==> flow/design.v <==
module gen_sub_unit_mod #(
    parameter integer WD = 128
) (
    input  wire CLK,
    input  wire RST,
    input  wire [WD-1:0] arg0,
    input  wire [WD-1:0] arg1,
    output reg [WD:0] sum,
    output reg [WD:0] diff
);
    always @(posedge CLK) begin
        if (RST) begin
            sum <= 0;
            diff <= 0;
        end else begin
            sum <= arg0 + arg1;
            diff <= arg0 - arg1;
        end
    end
endmodule
From RTL to reports: gen_sub_unit_mod

The steps from the RTL of gen_sub_unit_mod to its reports follow in flow order.
Line numbers count from 1 in the design file above.
Operators: Yosys type, input widths -> output width; for muxes data width and select width s.
Cell names lack the library's common part.
Not given: -

Design top: gen_sub_unit_mod
Clock input: CLK
Standard-cell library: sky130hd
Timing corner: tt_025C_1v80

Word-level counts

Counts by Yosys on the flattened word-level netlist (proc, flatten, opt, wreduce; memories kept). Register bits leave out memories and registers merged into their read ports (data or address); mux counts leave out enables and synchronous resets folded into registers. Print and check cells are left out. Cells with the same type and inputs are merged into one.

Add/sub/neg operators: 2

Operators by type and width:

| cell              | number |
| $add 128x128->129 | 1 |
| $sub 128x128->129 | 1 |

Flip-flop bits (word level): 258
Input port bits: 258
Output and inout bits: 258
Cells after elaboration: 4

Depth

Depth = most cells in a row (Yosys ltp): at word level without a register or memory, in the mapped netlist without a sequential cell, where the memories' decode and read muxes count.

Depth after elaboration: 1
ABC_AREA: 0
Mapped depth: 15
Depth with buffers taken out: 15

Netlist

Yosys stat after the flow's synthesis: flattened, memories mapped to cells. It holds for the ABC_AREA given above (unset counts as 0); a run with the other value may have another netlist.

Mapped cells: 3351
Synthesis area: 23965.5 µm²
Sequential part of the area: 5144.9 µm²
Mapped flip-flops: 257
Buffers: 152

Cell types:

| cell     | number | area in all (µm²) |
| dfxtp_1  | 257    | 5.14E+03 |
| ha_1     | 256    | 3.2E+03 |
| a21oi_1  | 410    | 2.05E+03 |
| xnor2_1  | 217    | 1.9E+03 |
| nor2_1   | 497    | 1.87E+03 |
| inv_1    | 264    | 990.95 |
| nand2_1  | 218    | 818.285 |
| o21ai_0  | 155    | 775.744 |
| o21bai_1 | 102    | 765.734 |
| o31ai_1  | 72     | 540.518 |
| nand4_1  | 77     | 481.712 |
| nor4_1   | 77     | 481.712 |
| a21o_1   | 51     | 382.867 |
| clkbuf_1 | 101    | 379.114 |
| nor3_1   | 70     | 350.336 |
| o21a_1   | 39     | 292.781 |
| a31oi_1  | 39     | 243.984 |
| nor2b_1  | 39     | 243.984 |

Not listed: further types 65, cells in them 410.

Timing after synthesis

Source: OpenSTA report_checks on the synthesized netlist (no wires, ideal clock, input and output delay 20% of the period each), path of least setup slack; recovery checks are left aside. Register names are those of the netlist, which keeps one name where synthesis merged equal registers.

Path type: in2reg
Start point: input arg0[0]
End point: register diff[74]
Clock period: 5240 ps
External input delay: 1048 ps
Library setup time: 121 ps
Launch time at the first pin: 1048 ps
Arrival time: 4279 ps
Data required time: 5119 ps
Path slack: 840 ps
Path delay: 3352 ps
Driving pins on the path: 15
Path buffers: 0
Synthesis period reached: 4400 ps

"path delay" = arrival - input delay + setup time.
"driving pins on the path": output pins that drive a net of the path, with the launching flip-flop's if there is one; two outputs of one cell count as two.
"synthesis period reached" = period - worst setup slack (recovery checks aside). The figure is calculated, with input and output delays left at 20% of the set period.
Between the ends stands the longest chain of elaborated cells between them, by number of cells; it is not shown to be the way that was timed. Of several equally long chains one is given.
Each line given opens the expression or statement behind the cell; cells for indexed reads and writes are added by Yosys, which also makes memories of some case tables.

Cells stage by stage: inv_1 -> ha_1 -> fa_1 -> and2b_1 -> o211ai_1 -> nand3b_1 -> a21oi_2 -> o31a_1 -> o41a_1 -> o31ai_4 -> a31oi_1 -> o21a_1 -> o21a_1 -> o21ai_1 -> mux2_2
Cells in the longest elaborated chain: 1
Elaborated cells on any way between the ends: 1
RTL lines with such cells: 1
Classes of those cells: add/sub (1)

Ends and longest elaborated chain, post-synthesis:

| what              | line | text |
| from (decl)       | 6    | `input  wire [WD-1:0] arg0,` |
| $sub 128x128->129 | 17   | `diff <= arg0 - arg1;` |
| to (assign)       | 14   | `diff <= 0;` |
| to (assign)       | 17   |  |
| to (decl)         | 9    | `output reg [WD:0] diff` |

Worst path after layout

Path of least setup slack in the final report of run 2 (OpenROAD, finished layout, wires in). Where an end is a register, its clock arrival counts in the times.
The path's times are printed in steps of 10 ps; the period is the one set.

Path type: in2reg
Start point: input arg0[53]
End point: register diff[114]
Clock period: 3520 ps
External input delay: 700 ps
Library setup time: 120 ps
Launch time at the first pin: 700 ps
Arrival time: 4610 ps
Data required time: 3970 ps
Path slack: -640 ps
Driving pins on the path: 18
Path buffers: 5

Between the ends stands the longest chain of elaborated cells between them, by number of cells; it is not shown to be the way that was timed. Of several equally long chains one is given.

Cells stage by stage: clkdlybuf4s50_1 -> ha_4 -> buf_4 -> a21oi_1 -> o21ai_0 -> a21oi_2 -> o22ai_1 -> buf_4 -> o21ai_0 -> nand3_1 -> a21oi_1 -> buf_4 -> a21bo_4 -> buf_6 -> a21oi_4 -> o31ai_4 -> xnor2_1 -> nor2_1
Cells in the longest elaborated chain: 1
Elaborated cells on any way between the ends: 1
RTL lines with such cells: 1
Classes of those cells: add/sub (1)

Ends and longest elaborated chain, post-layout:

| what              | line | text |
| from (decl)       | 6    | `input  wire [WD-1:0] arg0,` |
| $sub 128x128->129 | 17   | `diff <= arg0 - arg1;` |
| to (assign)       | 14   | `diff <= 0;` |
| to (assign)       | 17   |  |
| to (decl)         | 9    | `output reg [WD:0] diff` |

FLOW RESULTS
============

gen_sub_unit_mod through Yosys and OpenROAD on sky130hd: 3 stored runs, unordered, with their settings and measured results. The constraints put input and output delay at 20% of the set period each and load the outputs with 0.01 pF.
"clock period reached": clock period set for the run, less the worst setup slack. It is reckoned from that one timing run; input and output delays stay at 20% of the period that was set.
Among the settings, - means not set for that run.
Among the results, - means that no value is shown for the run.

| setting or result                                       | run 1 | run 2   | run 3   |
| period_ns                                               | 2.83  | 3.52    | 5.24    |
| CORE_UTILIZATION                                        | 50    | 44      | 40      |
| SETUP_SLACK_MARGIN                                      | 0.18  | 0.01    | -       |
| PLACE_DENSITY_LB_ADDON                                  | 0.06  | -       | -       |
| CORE_ASPECT_RATIO                                       | 1.55  | 1.03    | -       |
| TNS_END_PERCENT                                         | 35    | 70      | -       |
| CAP_MARGIN                                              | 25    | 20      | 20      |
| CORE_MARGIN                                             | 2     | 2       | 2       |
| SLEW_MARGIN                                             | 20    | 30      | 20      |
| HOLD_SLACK_MARGIN                                       | -     | 0.16    | -       |
| MIN_ROUTING_LAYER                                       | -     | met1    | -       |
| clock period reached (ps)                               | -     | 4161    | 4977    |
| worst setup slack after layout (ps)                     | -     | -641    | 263     |
| post-route worst hold slack (ps)                        | -     | 425     | 1062    |
| area of the synthesized netlist (µm²)                   | -     | 23965.5 | 23965.5 |
| total negative slack on setup checks (ps)               | -     | -27052  | 0       |
| area of the standard cells in the finished layout (µm²) | -     | 45361.0 | 33106.8 |
| area inside the die boundary (µm²)                      | -     | 56349.2 | 61886.5 |

Run 1: not finished: routing ended with error GRT-0116
